==> flow/design.v <==
module add #(
    parameter int WIDTH = 56
) (
    input  logic aclk,
    input  logic rst_ni,
    input  logic [WIDTH-1:0] x,
    input  logic [WIDTH-1:0] y,
    output logic [WIDTH:0] result
);
    logic [WIDTH-1:0] x_d1;
    logic [WIDTH-1:0] y_d1;
    localparam int H = WIDTH / 2;
    logic [H:0] low_d1;
    logic [WIDTH-H-1:0] x_hi_d1;
    logic [WIDTH-H-1:0] y_hi_d1;
    logic [WIDTH-H:0] hi;
    assign hi = x_hi_d1 + y_hi_d1 + low_d1[H];
    logic [WIDTH:0] result_d1;
    assign result = result_d1;
    always_ff @(posedge aclk or negedge rst_ni) begin
        if (~rst_ni) begin
            x_d1 <= 0;
            y_d1 <= 0;
            low_d1 <= 0;
            x_hi_d1 <= 0;
            y_hi_d1 <= 0;
            result_d1 <= 0;
        end else begin
            x_d1 <= x;
            y_d1 <= y;
            low_d1 <= x_d1[H-1:0] + y_d1[H-1:0];
            x_hi_d1 <= x_d1[WIDTH-1:H];
            y_hi_d1 <= y_d1[WIDTH-1:H];
            result_d1 <= {hi, low_d1[H-1:0]};
        end
    end
endmodule
# Reports on add
# The steps from the RTL of add to its reports follow in flow order.
# Line numbers count from 1 in the design file above.
# Operators carry their Yosys type and port widths (W data, S select, Z words).
# Library cell names are shortened.
# A cell with - has no value.
[inputs] design="add" clock_port="aclk" lib="sky130hd" pvt_corner="tt_025C_1v80"

# Word level
# Yosys after proc, flatten, opt, wreduce and memory -nomap, before mapping. Enables and synchronous resets that opt folds into registers are not counted as muxes. Memory bits, and registers merged into a memory's read port (data or address), are not among the register bits. Print and check cells are not counted. Equal cells are merged and count once.
[op_classes] addsub=3
[ops] op="$add A28 B28 Y29" count=2
[ops] op="$add A29 B1 Y29" count=1
[word_totals] reg_bits=254 inputBits=114 wordCells=9

# Depth
# Depth = most cells in a row (Yosys ltp): at word level without a register or memory, in the mapped netlist without a sequential cell, where the memories' decode and read muxes count.
[depth] word_depth=2 ABC_AREA=0 mapped_depth=9 depth_no_buf=9

# Netlist
# Source: synth_stat.txt of the flow (Yosys; design flattened, memories mapped). It holds for the ABC_AREA given above (unset counts as 0); a run with the other value may have another netlist.
# The area totals of this step are shown rounded.
[by_type] cell="dfrtp_1" count=254 type_area_um2=6.36E+03
[by_type] cell="ha_1" count=55 type_area_um2=688.16
[by_type] cell="xnor2_1" count=31 type_area_um2=271.51
[by_type] cell="a21oi_1" count=50 type_area_um2=250.24
[by_type] cell="xor2_1" count=18 type_area_um2=157.651
[by_type] cell="a21o_1" count=20 type_area_um2=150.144
[by_type] cell="nand2_1" count=36 type_area_um2=135.13
[by_type] cell="o21ai_0" count=22 type_area_um2=110.106
[by_type] cell="nor2_1" count=28 type_area_um2=105.101
[by_type] cell="fa_1" count=3 type_area_um2=60.058
[by_type] cell="o211ai_1" count=8 type_area_um2=60.058
[by_type] cell="nand4_1" count=9 type_area_um2=56.304
[by_type] cell="nand3_1" count=11 type_area_um2=55.053
[by_type] cell="a211oi_1" count=6 type_area_um2=45.043
[by_type] cell="clkbuf_1" count=12 type_area_um2=45.043
[by_type] cell="o21a_1" count=6 type_area_um2=45.043
[by_type] cell="o21ai_1" count=9 type_area_um2=45.043
[by_type] cell="a31oi_1" count=6 type_area_um2=37.536
# Other cell types: 39; their cells: 74.
[synth_totals] mapped_cells=658 yosys_area_um2=9300 flip_flops=254

# Path before layout
# Path of least setup slack by OpenSTA after synthesis, without wires, with an ideal clock, recovery checks aside; 20% of the period is set as input and as output delay. Where synthesis merged equal registers, the netlist keeps one of their names.
[synth_timing] kind="flip-flop to flip-flop" from="reg low_d1[28]" to="reg result_d1[54]" tclk_ns=3.0 arrival_time_ns=2.299 t_required_ns=2.900 slack_ns=0.601 path_delay_ns=2.399 path_stages=10 period_less_setup_slack_ns=2.399
# "path_delay_ns" is the arrival time less input delay plus setup time.
# "path_stages": output pins that drive a net of the path, with the launching flip-flop's if there is one; two outputs of one cell count as two.
# "period_less_setup_slack_ns" = period - worst setup slack (recovery checks aside). The figure is calculated, with input and output delays left at 20% of the set period.
# The rows between start and end are the longest chain of elaborated cells between them; the timing report does not say that the signal goes this way. Where chains are equally long, one stands for them.
# A line is the first line of the expression or statement that the cell stems from. Yosys adds cells for indexed reads and writes and turns some case tables into memories.
[synth_via] path_cell_list="dfrtp_1 > fa_1 > fa_1 > a21o_1 > nand4_1 > a21oi_1 > o21ai_1 > o211ai_1 > nand4_1 > nor4bb_1" elab_chain_cells=1 cells_between=1 cone_classes="add/sub: 1"
[synth_lines] element="start: declaration" line=13 rtl="logic [H:0] low_d1;"
[synth_lines] element="start: assignment" line=24 rtl="low_d1 <= 0;"
[synth_lines] element="start: assignment" line=31 rtl="low_d1 <= x_d1[H-1:0] + y_d1[H-1:0];"
[synth_lines] element="$add A29 B1 Y29" line=17 rtl="assign hi = x_hi_d1 + y_hi_d1 + low_d1[H];"
[synth_lines] element="end: assignment" line=27 rtl="result_d1 <= 0;"
[synth_lines] element="end: assignment" line=34 rtl="result_d1 <= {hi, low_d1[H-1:0]};"
[synth_lines] element="end: declaration" line=18 rtl="logic [WIDTH:0] result_d1;"

# Path in the finished layout
# Path of least setup slack in the final report of run 1 (OpenROAD, finished layout, wires in). Where an end is a register, its clock arrival counts in the times.
[layout_timing] kind="flip-flop to flip-flop" from="reg low_d1[28]" to="reg result_d1[54]" tclk_ns=3.0 arrival_time_ns=3.14 t_required_ns=3.43 slack_ns=0.29 path_stages=10
# The rows between start and end are the longest chain of elaborated cells between them; the timing report does not say that the signal goes this way. Where chains are equally long, one stands for them.
[layout_via] path_cell_list="dfrtp_1 > fa_1 > fa_1 > a21o_1 > nand4_1 > a21oi_1 > o21ai_1 > o211ai_1 > nand4_1 > nor4bb_1" elab_chain_cells=1 cells_between=1 cone_classes="add/sub: 1"
[layout_lines] element="start: declaration" line=13 rtl="logic [H:0] low_d1;"
[layout_lines] element="start: assignment" line=24 rtl="low_d1 <= 0;"
[layout_lines] element="start: assignment" line=31 rtl="low_d1 <= x_d1[H-1:0] + y_d1[H-1:0];"
[layout_lines] element="$add A29 B1 Y29" line=17 rtl="assign hi = x_hi_d1 + y_hi_d1 + low_d1[H];"
[layout_lines] element="end: assignment" line=27 rtl="result_d1 <= 0;"
[layout_lines] element="end: assignment" line=34 rtl="result_d1 <= {hi, low_d1[H-1:0]};"
[layout_lines] element="end: declaration" line=18 rtl="logic [WIDTH:0] result_d1;"

# Flow runs of add

Measured results for add: 3 stored runs of the Yosys and OpenROAD flow on sky130hd. The settings differ; the order carries no meaning. The constraints put input and output delay at 20% of the set period each and load the outputs with 0.01 pF.
By "period_reached_ns" is meant the clock period of the run minus its worst setup slack. This is arithmetic on one report: input and output delays are still those of the set period (20% each).
Measured values are rounded.

[flow] run 1: files
==> flow/run.sh <==
#!/bin/bash
# the make line also repeats the synthesis and layout settings of config.mk as NAME=value (left out here)
make -C /OpenROAD-flow-scripts/flow DESIGN_CONFIG=/design/flow/config.mk WORK_HOME=/design/flow/orfs CLKGATE_MAP_FILE= finish
==> flow/config.mk <==
export PLATFORM = sky130hd
export DESIGN_NAME = add
export DESIGN_NICKNAME = add
export VERILOG_FILES = /design/flow/design.v
export SDC_FILE = /design/flow/constraint.sdc
export NUM_CORES = 4
export LEC_CHECK = 0
export CAP_MARGIN = 20
export CORE_MARGIN = 2
export CORE_UTILIZATION = 40
export SLEW_MARGIN = 20
==> flow/constraint.sdc <==
create_clock -name core_clock -period 3.0 [get_ports {aclk}]
set_input_delay 0.6000 -clock core_clock [delete_from_list [all_inputs] [get_ports {aclk}]]
set_output_delay 0.6000 -clock core_clock [all_outputs]
set_load 0.01 [all_outputs]

[flow] run 1: metrics
[metrics] design.die.area_um2 = 24500
[metrics] fin_ws_ns = 0.287
[metrics] synth_chip_area_um2 = 9300
[metrics] stdcell_area_um2 = 12400
[metrics] period_reached_ns = 2.713

[flow] run 2: files
==> flow/run.sh <==
#!/bin/bash
# the make line also repeats the synthesis and layout settings of config.mk as NAME=value (left out here)
make -C /OpenROAD-flow-scripts/flow DESIGN_CONFIG=/design/flow/config.mk WORK_HOME=/design/flow/orfs CLKGATE_MAP_FILE= finish
==> flow/config.mk <==
export PLATFORM = sky130hd
export DESIGN_NAME = add
export DESIGN_NICKNAME = add
export VERILOG_FILES = /design/flow/design.v
export SDC_FILE = /design/flow/constraint.sdc
export NUM_CORES = 4
export LEC_CHECK = 0
export CAP_MARGIN = 0
export CELL_PAD_IN_SITES_DETAIL_PLACEMENT = 2
export CELL_PAD_IN_SITES_GLOBAL_PLACEMENT = 3
export CORE_ASPECT_RATIO = 1.35
export CORE_MARGIN = 8
export CORE_UTILIZATION = 65
export MAX_ROUTING_LAYER = met4
export MIN_ROUTING_LAYER = met2
export PLACE_DENSITY_LB_ADDON = 0.26
export SLEW_MARGIN = 20
export TNS_END_PERCENT = 95
==> flow/constraint.sdc <==
create_clock -name core_clock -period 1.59 [get_ports {aclk}]
set_input_delay 0.3180 -clock core_clock [delete_from_list [all_inputs] [get_ports {aclk}]]
set_output_delay 0.3180 -clock core_clock [all_outputs]
set_load 0.01 [all_outputs]

[flow] run 2: no results, placement failed with FLW-0024

[flow] run 3: files
==> flow/run.sh <==
#!/bin/bash
# the make line also repeats the synthesis and layout settings of config.mk as NAME=value (left out here)
make -C /OpenROAD-flow-scripts/flow DESIGN_CONFIG=/design/flow/config.mk WORK_HOME=/design/flow/orfs CLKGATE_MAP_FILE= finish
==> flow/config.mk <==
export PLATFORM = sky130hd
export DESIGN_NAME = add
export DESIGN_NICKNAME = add
export VERILOG_FILES = /design/flow/design.v
export SDC_FILE = /design/flow/constraint.sdc
export NUM_CORES = 4
export LEC_CHECK = 0
export ABC_AREA = 1
export CAP_MARGIN = 20
export CORE_MARGIN = 2
export CORE_UTILIZATION = 23
export CTS_CLUSTER_DIAMETER = 175
export MIN_ROUTING_LAYER = met2
export PLACE_DENSITY_LB_ADDON = 0.04
export SLEW_MARGIN = 5
export TNS_END_PERCENT = 65
==> flow/constraint.sdc <==
create_clock -name core_clock -period 1.94 [get_ports {aclk}]
set_input_delay 0.3880 -clock core_clock [delete_from_list [all_inputs] [get_ports {aclk}]]
set_output_delay 0.3880 -clock core_clock [all_outputs]
set_load 0.01 [all_outputs]

[flow] run 3: metrics
[metrics] design.die.area_um2 = 47000
[metrics] fin_ws_ns = -0.036
[metrics] synth_chip_area_um2 = 10400
[metrics] stdcell_area_um2 = 14600
[metrics] period_reached_ns = 1.976
